==> flow/design.v <==
module alu_rf (clk, we_in, write_addr_in, din_in, raddr0_in, raddr1_in, rdata0_out, rdata1_out);
    parameter ENTRIES = 96;
    parameter DW = 20;
    localparam ADDR_WIDTH = $clog2(ENTRIES);
    input clk;
    input we_in;
    input [ADDR_WIDTH-1:0] write_addr_in;
    input [DW-1:0] din_in;
    input [ADDR_WIDTH-1:0] raddr0_in;
    input [ADDR_WIDTH-1:0] raddr1_in;
    output [DW-1:0] rdata0_out;
    output [DW-1:0] rdata1_out;
    reg [DW-1:0] regs [0:ENTRIES-1];
    always @(posedge clk) begin
        if (we_in)
            regs[write_addr_in] <= din_in;
    end
    assign rdata0_out = (we_in && write_addr_in == raddr0_in) ? din_in : regs[raddr0_in];
    assign rdata1_out = (we_in && write_addr_in == raddr1_in) ? din_in : regs[raddr1_in];
endmodule
* Reports on alu_rf
What the tools print for alu_rf, step after step.
Lines are those of the file above, counted from 1.
Operators carry their Yosys type and port widths (W data, S select, Z words).
Library cell names are shortened.
The mark n/a stands for no value.
- Design top :: alu_rf
- Clock input :: clk
- Cell library :: sky130hd
- Corner :: tt_025C_1v80

* After elaboration
Counts by Yosys on the flattened word-level netlist (proc, flatten, opt, wreduce; memories kept). Register bits leave out memories and registers merged into their read ports (data or address); mux counts leave out enables and synchronous resets folded into registers. Print and check cells are left out. Cells with the same type and inputs are merged into one.
Yosys's memory passes give these memory sizes; they may raise the number of words (mostly to a power of two), join words into wider ones and drop unused or constant bits.
- Flip-flop bits (word level) :: 0
- Memory bits (writable) :: 1920
- Memories :: 1
- Output and inout port bits :: 40
** Memories
- regs :: depth 96, width 20, read ports 2, write ports 1, line 13 : reg [DW-1:0] regs [0:ENTRIES-1];
- Equal/unequal tests :: 2
- Muxes and demuxes :: 5
- Reductions and logical operators :: 2
** Operators by type and width (number)
- $mux W20 :: 3
- $eq A7 B7 Y1 :: 2
- $mux W7 :: 1
- $logic_and A1 B1 Y1 :: 2
- $mux W1 :: 1

* Depth
Depth = most cells in a row (Yosys ltp): at word level without a register or memory, in the mapped netlist without a sequential cell, where the memories' decode and read muxes count.
- Word-level depth :: 3
- ABC_AREA :: 0
- Depth in mapped cells :: 11

* Synthesis result
Source: synth_stat.txt of the flow (Yosys; design flattened, memories mapped). It holds for the ABC_AREA given above (unset counts as 0); a run with the other value may have another netlist.
The area totals of this step are shown rounded.
** Cell types
- edfxtp_1 :: number 1920, total area 5.77E+04 µm²
- mux4_2 :: number 910, total area 2.05E+04 µm²
- mux2i_1 :: number 260, total area 2.6E+03 µm²
- a22oi_1 :: number 169, total area 1.27E+03 µm²
- buf_4 :: number 100, total area 750.72 µm²
- a22o_1 :: number 84, total area 735.706 µm²
- a221oi_1 :: number 70, total area 613.088 µm²
- a21oi_1 :: number 116, total area 580.557 µm²
- buf_6 :: number 46, total area 517.997 µm²
- buf_2 :: number 103, total area 515.494 µm²
- mux2_2 :: number 42, total area 472.954 µm²
- nor2_1 :: number 116, total area 435.418 µm²
- nand2_1 :: number 100, total area 375.36 µm²
- clkbuf_1 :: number 97, total area 364.099 µm²
- o22ai_1 :: number 39, total area 243.984 µm²
- a211oi_1 :: number 29, total area 217.709 µm²
- o21ai_0 :: number 36, total area 180.173 µm²
- and2_1 :: number 23, total area 143.888 µm²
Other cell types: 29; their cells: 205.
- Cell count :: 4465
- Chip area (Yosys) :: 89550 µm²
- Mapped flip-flops :: 1920

* Worst setup path after synthesis
OpenSTA on the mapped netlist: ideal clock, no wires. The path of least setup slack (recovery checks aside). Input and output delay are each 20% of the period. Register names are those of the netlist, which keeps one name where synthesis merged equal registers.
- Kind :: input-to-output
- From :: in raddr0_in[0]
- To :: out rdata0_out[15]
- Clock period :: 3.97 ns
- Input delay :: 0.794 ns
- External output delay :: 0.794 ns
- Time at the first pin :: 0.794 ns
- Arrival :: 2.572 ns
- Required time :: 3.176 ns
- Path slack :: 0.604 ns
- Delay of the path :: 1.778 ns
- Stages on the path :: 9
- Buffers on the path :: 4
- Synthesis period reached :: 3.366 ns
"delay of the path" = arrival - input delay + setup time.
A path that ends at an output port has no setup time.
"stages on the path": output pins that drive a net of the path, with the launching flip-flop's if there is one; two outputs of one cell count as two.
"synthesis period reached" = period - worst setup slack (recovery checks aside). The figure is calculated, with input and output delays left at 20% of the set period.
Between the ends stands the longest chain of elaborated cells between them, by number of cells; it is not shown to be the way that was timed. Of several equally long chains one is given.
A line is the first line of the expression or statement that the cell stems from. Yosys adds cells for indexed reads and writes and turns some case tables into memories.
- Cell sequence :: buf_2 -> buf_6 -> buf_4 -> buf_4 -> mux4_2 -> a221oi_1 -> a21oi_1 -> o22ai_1 -> a21oi_1
- Length of the longest elaborated chain :: 3
** RTL lines, path post-synthesis
- start, declared :: line 9 : input [ADDR_WIDTH-1:0] raddr0_in;
- $eq A7 B7 Y1 :: line 18 : assign rdata0_out = (we_in && write_addr_in == raddr0_in) ? din_in : regs[raddr0_in];
- $logic_and A1 B1 Y1 :: line 18
- $mux W20 :: line 18
- end, declared :: line 11 : output [DW-1:0] rdata0_out;

* Worst path after layout
From the final timing report of job 1: the path of least setup slack in the routed layout; clock arrival at registers is part of the times.
- Kind :: input-to-output
- From :: in raddr1_in[0]
- To :: out rdata1_out[0]
- Clock period :: 3.97 ns
- Input delay :: 0.79 ns
- External output delay :: 0.79 ns
- Time at the first pin :: 0.79 ns
- Arrival :: 3.36 ns
- Required time :: 3.18 ns
- Path slack :: -0.19 ns
- Stages on the path :: 14
- Buffers on the path :: 8
Between the ends stands the longest chain of elaborated cells between them, by number of cells; it is not shown to be the way that was timed. Of several equally long chains one is given.
- Cell sequence :: buf_16 -> buf_4 -> buf_12 -> inv_12 -> buf_12 -> buf_4 -> nor2_1 -> buf_4 -> a22oi_2 -> a21oi_2 -> o21ai_4 -> buf_6 -> a31oi_4 -> buf_6
- Length of the longest elaborated chain :: 3
** RTL lines, path post-layout
- start, declared :: line 10 : input [ADDR_WIDTH-1:0] raddr1_in;
- $eq A7 B7 Y1 :: line 19 : assign rdata1_out = (we_in && write_addr_in == raddr1_in) ? din_in : regs[raddr1_in];
- $logic_and A1 B1 Y1 :: line 19
- $mux W20 :: line 19
- end, declared :: line 12 : output [DW-1:0] rdata1_out;

Record of 3 stored runs of the RTL-to-layout flow on alu_rf, platform sky130hd. The runs are unordered. Constraints: input delay and output delay 20% of the set period each, output load 0.01 pF.
"clock period reached" is the run's clock period less its worst setup slack. It is reckoned from that one timing run; input and output delays stay at 20% of the period that was set.
"critical path time" = time allowed to the worst setup path (clock period - input delay - output delay, where it has them) - its slack; a late launch clock adds to it, a late capture clock takes from it.
The results are shown rounded.

* Job 1
** Files
==> flow/run.sh <==
#!/bin/bash
# the make line also repeats the synthesis and layout settings of config.mk as NAME=value (left out here)
make -C /OpenROAD-flow-scripts/flow DESIGN_CONFIG=/design/flow/config.mk WORK_HOME=/design/flow/orfs CLKGATE_MAP_FILE= finish
==> flow/config.mk <==
export PLATFORM = sky130hd
export DESIGN_NAME = alu_rf
export DESIGN_NICKNAME = alu_rf
export VERILOG_FILES = /design/flow/design.v
export SDC_FILE = /design/flow/constraint.sdc
export NUM_CORES = 4
export LEC_CHECK = 0
export CAP_MARGIN = 20
export CORE_MARGIN = 2
export CORE_UTILIZATION = 40
export SLEW_MARGIN = 20
==> flow/constraint.sdc <==
create_clock -name core_clock -period 3.97 [get_ports {clk}]
set_input_delay 0.7940 -clock core_clock [delete_from_list [all_inputs] [get_ports {clk}]]
set_output_delay 0.7940 -clock core_clock [all_outputs]
set_load 0.01 [all_outputs]
** Results
- Clock period reached :: 4.159 ns
- Utilization after routing :: 51.8%
- Total negative setup slack :: -2.217 ns
- Synthesized cell area :: 89550 µm²
- Die area :: 227700 µm²
- Critical path time :: 2.57 ns
- Worst path kind :: input-to-output
- Setup slack of the critical path :: -0.189 ns

* Job 2
** Files
==> flow/run.sh <==
#!/bin/bash
# the make line also repeats the synthesis and layout settings of config.mk as NAME=value (left out here)
make -C /OpenROAD-flow-scripts/flow DESIGN_CONFIG=/design/flow/config.mk WORK_HOME=/design/flow/orfs CLKGATE_MAP_FILE= finish
==> flow/config.mk <==
export PLATFORM = sky130hd
export DESIGN_NAME = alu_rf
export DESIGN_NICKNAME = alu_rf
export VERILOG_FILES = /design/flow/design.v
export SDC_FILE = /design/flow/constraint.sdc
export NUM_CORES = 4
export LEC_CHECK = 0
export ABC_AREA = 1
export CAP_MARGIN = 20
export CELL_PAD_IN_SITES_DETAIL_PLACEMENT = 0
export CELL_PAD_IN_SITES_GLOBAL_PLACEMENT = 1
export CORE_ASPECT_RATIO = 0.58
export CORE_MARGIN = 7
export CORE_UTILIZATION = 18
export CTS_CLUSTER_DIAMETER = 295
export PLACE_DENSITY_LB_ADDON = 0.0
export SLEW_MARGIN = 20
export TNS_END_PERCENT = 85
==> flow/constraint.sdc <==
create_clock -name core_clock -period 2.21 [get_ports {clk}]
set_input_delay 0.4420 -clock core_clock [delete_from_list [all_inputs] [get_ports {clk}]]
set_output_delay 0.4420 -clock core_clock [all_outputs]
set_load 0.01 [all_outputs]
** Results
- Clock period reached :: 3.313 ns
- Utilization after routing :: 25.7%
- Total negative setup slack :: -39.87 ns
- Synthesized cell area :: 97600 µm²
- Die area :: 563800 µm²
- Critical path time :: 2.43 ns
- Worst path kind :: input-to-output
- Setup slack of the critical path :: -1.103 ns

* Job 3
** Files
==> flow/run.sh <==
#!/bin/bash
# the make line also repeats the synthesis and layout settings of config.mk as NAME=value (left out here)
make -C /OpenROAD-flow-scripts/flow DESIGN_CONFIG=/design/flow/config.mk WORK_HOME=/design/flow/orfs CLKGATE_MAP_FILE= finish
==> flow/config.mk <==
export PLATFORM = sky130hd
export DESIGN_NAME = alu_rf
export DESIGN_NICKNAME = alu_rf
export VERILOG_FILES = /design/flow/design.v
export SDC_FILE = /design/flow/constraint.sdc
export NUM_CORES = 4
export LEC_CHECK = 0
export CAP_MARGIN = 20
export CORE_ASPECT_RATIO = 0.53
export CORE_MARGIN = 2
export CORE_UTILIZATION = 21
export CTS_CLUSTER_SIZE = 19
export GPL_ROUTABILITY_DRIVEN = 0
export MAX_ROUTING_LAYER = met4
export PLACE_DENSITY_LB_ADDON = 0.11
export SETUP_SLACK_MARGIN = 1.57
export SLEW_MARGIN = 20
export TNS_END_PERCENT = 75
==> flow/constraint.sdc <==
create_clock -name core_clock -period 5.36 [get_ports {clk}]
set_input_delay 1.0720 -clock core_clock [delete_from_list [all_inputs] [get_ports {clk}]]
set_output_delay 1.0720 -clock core_clock [all_outputs]
set_load 0.01 [all_outputs]
** Results
- Clock period reached :: 5.071 ns
- Utilization after routing :: 28.0%
- Total negative setup slack :: 0.000 ns
- Synthesized cell area :: 89550 µm²
- Die area :: 431900 µm²
- Critical path time :: 2.93 ns
- Worst path kind :: input-to-output
- Setup slack of the critical path :: 0.289 ns
